==> flow/design.v <==
module sync_adder #(
    parameter BITS = 10
) (
    input wire aclk,
    input wire i_rst,
    input wire valid,
    input wire [BITS-1:0] u_i,
    input wire [BITS-1:0] v_i,
    input wire [BITS-1:0] w_i,
    output reg [BITS+1:0] q_o
);
    reg [BITS-1:0] r_u;
    reg [BITS-1:0] r_v;
    reg [BITS-1:0] r_w;
    reg [BITS:0] r_tmp;
    reg [BITS-1:0] r_w_d;
    always @(posedge aclk or posedge i_rst) begin
        if (i_rst) begin
            r_u <= 0;
            r_v <= 0;
            r_w <= 0;
            r_tmp <= 0;
            r_w_d <= 0;
            q_o <= 0;
        end else if (valid) begin
            r_u <= u_i;
            r_v <= v_i;
            r_w <= w_i;
            r_tmp <= r_u + r_v;
            r_w_d <= r_w;
            q_o <= r_tmp + r_w_d;
        end
    end
endmodule
=== Reports on sync_adder ===
What the tools print for sync_adder, step after step.
Line numbers count from 1 in the design file above.
A cell with - has no value.

* Design top: sync_adder
* Clock: aclk
* Standard-cell library: sky130hd
* Corner: tt_025C_1v80

=== Elaborated design ===
Source: Yosys, flattened and elaborated, memories not mapped. Widths are those after wreduce; folded enables and synchronous resets count as part of the registers. Registers that Yosys merges into a memory's read port (data or address) are not register bits. Print and check cells do not count. Equal cells are merged and count once.

* Add/sub/neg operators: 2

{| class="wikitable"
|+ Operators by type and width
! cell !! count
|-
| 11-bit by 10-bit adder with 12-bit output || 1
|-
| 10-bit by 10-bit adder with 11-bit output || 1
|}

* Output and inout bits: 12
* Register bits: 63
* Elaborated cells: 8
* Input bits: 33

=== Logic depth ===
Longest topological path by Yosys (ltp), each cell counted once; first at word level (registers and memories cut), then after technology mapping (sequential cells cut; the memories' decode and read muxes count).

* Depth after elaboration: 1
* ABC_AREA: 0
* Mapped depth: 8
* Gate-level depth less buffers: 8

=== After synthesis ===
The flow's flattened synthesis, as Yosys stat reports it; memories are mapped. The netlist is that of the ABC_AREA named above (0 if unset); the other value can give another one.

* Cells in the netlist: 261
* Flip-flop cells: 63
* Buffers: 8
* Chip area (Yosys): 3181.8 um2
* Sequential part of the area: 1576.5 um2

{| class="wikitable"
|+ Cells by type
! cell !! count !! total area (um2)
|-
| sky130_fd_sc_hd__dfrtp_1 || 63 || 1.58E+03
|-
| sky130_fd_sc_hd__mux2_2 || 48 || 540.518
|-
| sky130_fd_sc_hd__ha_1 || 20 || 250.24
|-
| sky130_fd_sc_hd__xnor2_1 || 7 || 61.309
|-
| sky130_fd_sc_hd__o21ai_0 || 12 || 60.058
|-
| sky130_fd_sc_hd__nor2_1 || 15 || 56.304
|-
| sky130_fd_sc_hd__a211oi_1 || 7 || 52.55
|-
| sky130_fd_sc_hd__a21o_1 || 7 || 52.55
|-
| sky130_fd_sc_hd__nand2_1 || 11 || 41.29
|-
| sky130_fd_sc_hd__a21oi_1 || 8 || 40.038
|-
| sky130_fd_sc_hd__fa_1 || 2 || 40.038
|-
| sky130_fd_sc_hd__o21a_1 || 5 || 37.536
|-
| sky130_fd_sc_hd__a211oi_2 || 2 || 25.024
|-
| sky130_fd_sc_hd__nand2b_1 || 4 || 25.024
|-
| sky130_fd_sc_hd__o21bai_1 || 3 || 22.522
|-
| sky130_fd_sc_hd__o31ai_1 || 3 || 22.522
|-
| sky130_fd_sc_hd__nor3_1 || 4 || 20.019
|-
| sky130_fd_sc_hd__o211a_1 || 2 || 20.019
|}

Other cell types: 26; their cells: 38.

=== Timing after synthesis ===
Path of least setup slack by OpenSTA after synthesis, without wires, with an ideal clock, recovery checks aside; 20% of the period is set as input and as output delay. Where synthesis merged equal registers, the netlist keeps one of their names.

* Path type: reg-to-reg
* From: reg r_tmp[0]
* To: reg q_o[10]
* Data arrival time: 1.919 ns
* Library setup time: 0.096 ns
* Path delay: 2.015 ns
* Buffers on the path: 0
* Launch time at the first pin: 0.000 ns
* Clock period: 2.52 ns
* Slack: 0.506 ns
* Data required time: 2.424 ns
* Stages on the path: 8
* Synthesis period reached: 2.014 ns

"path delay" = arrival - input delay + setup time.
"stages on the path" counts driving pins, that of a launching flip-flop among them; a cell with two outputs on the path counts twice.
"synthesis period reached" = period - worst setup slack (recovery checks aside). The figure is calculated, with input and output delays left at 20% of the set period.
The rows between start and end are the longest chain of elaborated cells between them; the timing report does not say that the signal goes this way. Where chains are equally long, one stands for them.
A line is the first line of the expression or statement that the cell stems from. Yosys adds cells for indexed reads and writes and turns some case tables into memories.

* Path through: sky130_fd_sc_hd__dfrtp_1 > sky130_fd_sc_hd__ha_1 > sky130_fd_sc_hd__fa_1 > sky130_fd_sc_hd__a211oi_2 > sky130_fd_sc_hd__o21ai_2 > sky130_fd_sc_hd__and3b_1 > sky130_fd_sc_hd__o21a_1 > sky130_fd_sc_hd__o31ai_1
* Length of the longest elaborated chain: 1
* Elaborated cells between the ends (all ways): 1
* Source lines of those cells: 1
* Those cells by class: 1 x add/sub

{| class="wikitable"
|+ Ends and longest elaborated chain, post-synthesis
! what !! line !! RTL
|-
| start: declaration || 15 || <nowiki>reg [BITS:0] r_tmp;</nowiki>
|-
| start: assignment || 22 || <nowiki>r_tmp <= 0;</nowiki>
|-
| start: assignment || 29 || <nowiki>r_tmp <= r_u + r_v;</nowiki>
|-
| 11-bit by 10-bit adder with 12-bit output || 31 || <nowiki>q_o <= r_tmp + r_w_d;</nowiki>
|-
| end: assignment || 24 || <nowiki>q_o <= 0;</nowiki>
|-
| end: assignment || 31 ||
|-
| end: declaration || 10 || <nowiki>output reg [BITS+1:0] q_o</nowiki>
|}

=== Timing after layout ===
From the final timing report of job 1: the path of least setup slack in the routed layout; clock arrival at registers is part of the times.

* Path type: reg-to-reg
* From: reg r_tmp[0]
* To: reg q_o[10]
* Slack: 0.39 ns
* Library setup time: 0.09 ns
* Clock period: 2.52 ns
* Data arrival time: 2.38 ns
* Launch time at the first pin: 0.33 ns
* Buffers on the path: 0
* Data required time: 2.77 ns
* Stages on the path: 8

The rows between start and end are the longest chain of elaborated cells between them; the timing report does not say that the signal goes this way. Where chains are equally long, one stands for them.

* Path through: sky130_fd_sc_hd__dfrtp_1 > sky130_fd_sc_hd__ha_1 > sky130_fd_sc_hd__fa_1 > sky130_fd_sc_hd__a211oi_2 > sky130_fd_sc_hd__o21ai_2 > sky130_fd_sc_hd__and3b_1 > sky130_fd_sc_hd__o21a_1 > sky130_fd_sc_hd__o31ai_1
* Length of the longest elaborated chain: 1
* Elaborated cells between the ends (all ways): 1
* Source lines of those cells: 1
* Those cells by class: 1 x add/sub

{| class="wikitable"
|+ Ends and longest elaborated chain, post-layout
! what !! line !! RTL
|-
| start: declaration || 15 || <nowiki>reg [BITS:0] r_tmp;</nowiki>
|-
| start: assignment || 22 || <nowiki>r_tmp <= 0;</nowiki>
|-
| start: assignment || 29 || <nowiki>r_tmp <= r_u + r_v;</nowiki>
|-
| 11-bit by 10-bit adder with 12-bit output || 31 || <nowiki>q_o <= r_tmp + r_w_d;</nowiki>
|-
| end: assignment || 24 || <nowiki>q_o <= 0;</nowiki>
|-
| end: assignment || 31 ||
|-
| end: declaration || 10 || <nowiki>output reg [BITS+1:0] q_o</nowiki>
|}

==> runs of sync_adder <==
sync_adder through Yosys and OpenROAD on sky130hd: 3 stored runs, unordered, with their settings and measured results. The constraints put input and output delay at 20% of the set period each and load the outputs with 0.01 pF.
"clock period reached" means the clock period less the worst setup slack. The figure is calculated, with input and output delays left at 20% of the set period.
"time used up by the worst setup path" is the time allowed to the run's worst setup path (the clock period less input and output delay, where it has them) less its slack. Clock arrival times count: a late capture clock shortens it, a late launch clock lengthens it.
"power" rests on the timing tool's default activity at the inputs, not on a simulated workload.

=== Job 1 ===
{| class="wikitable"
! Setting !! Value
|-
| period_ns || 2.52
|-
| CAP_MARGIN || 20
|-
| CORE_MARGIN || 2
|-
| CORE_UTILIZATION || 40
|-
| SLEW_MARGIN || 20
|-
! Result !! Value
|-
| Netlist area reported by Yosys || 3181.8 um2
|-
| Area of the die || 8684.4 um2
|-
| Standard-cell area after layout || 3951.3 um2
|-
| Utilization of the finished layout || 51.1 %
|-
| Setup slack of the worst path || 0.385 ns
|-
| Post-route setup TNS || 0.000 ns
|-
| Power || 3463 uW
|-
| Clock period reached || 2.135 ns
|-
| Time used up by the worst setup path || 2.13 ns
|-
| Type of the worst setup path || reg-to-reg
|}

=== Job 2 ===
{| class="wikitable"
! Setting !! Value
|-
| period_ns || 1.95
|-
| CORE_UTILIZATION || 49
|-
| SETUP_SLACK_MARGIN || -0.19
|-
| PLACE_DENSITY || 0.47
|-
| GPL_ROUTABILITY_DRIVEN || 0
|-
| CTS_CLUSTER_SIZE || 88
|-
| CTS_CLUSTER_DIAMETER || 74
|-
| MAX_ROUTING_LAYER || met4
|-
| CAP_MARGIN || 20
|-
| CORE_MARGIN || 2
|-
| SLEW_MARGIN || 20
|-
! Result !! Value
|-
| Netlist area reported by Yosys || 3181.8 um2
|-
| Area of the die || 7153.8 um2
|-
| Standard-cell area after layout || 4016.3 um2
|-
| Utilization of the finished layout || 63.6 %
|-
| Setup slack of the worst path || -0.060 ns
|-
| Post-route setup TNS || -0.118 ns
|-
| Power || 4712 uW
|-
| Clock period reached || 2.010 ns
|-
| Time used up by the worst setup path || 2.01 ns
|-
| Type of the worst setup path || reg-to-reg
|}

=== Job 3 ===
{| class="wikitable"
! Setting !! Value
|-
| period_ns || 1.6
|-
| CORE_UTILIZATION || 56
|-
| PLACE_DENSITY || 0.41
|-
| CORE_ASPECT_RATIO || 0.76
|-
| CORE_MARGIN || 10
|-
| CTS_CLUSTER_SIZE || 99
|-
| CTS_CLUSTER_DIAMETER || 309
|-
| SLEW_MARGIN || 30
|-
| MAX_ROUTING_LAYER || met5
|-
| CAP_MARGIN || 20
|-
! Result !! Value
|-
| Netlist area reported by Yosys || 3181.8 um2
|-
| Area of the die || 9125.6 um2
|-
| Standard-cell area after layout || 4541.9 um2
|-
| Utilization of the finished layout || 84.4 %
|-
| Setup slack of the worst path || -0.515 ns
|-
| Post-route setup TNS || -4.340 ns
|-
| Power || 6582 uW
|-
| Clock period reached || 2.115 ns
|-
| Time used up by the worst setup path || 2.11 ns
|-
| Type of the worst setup path || reg-to-reg
|}
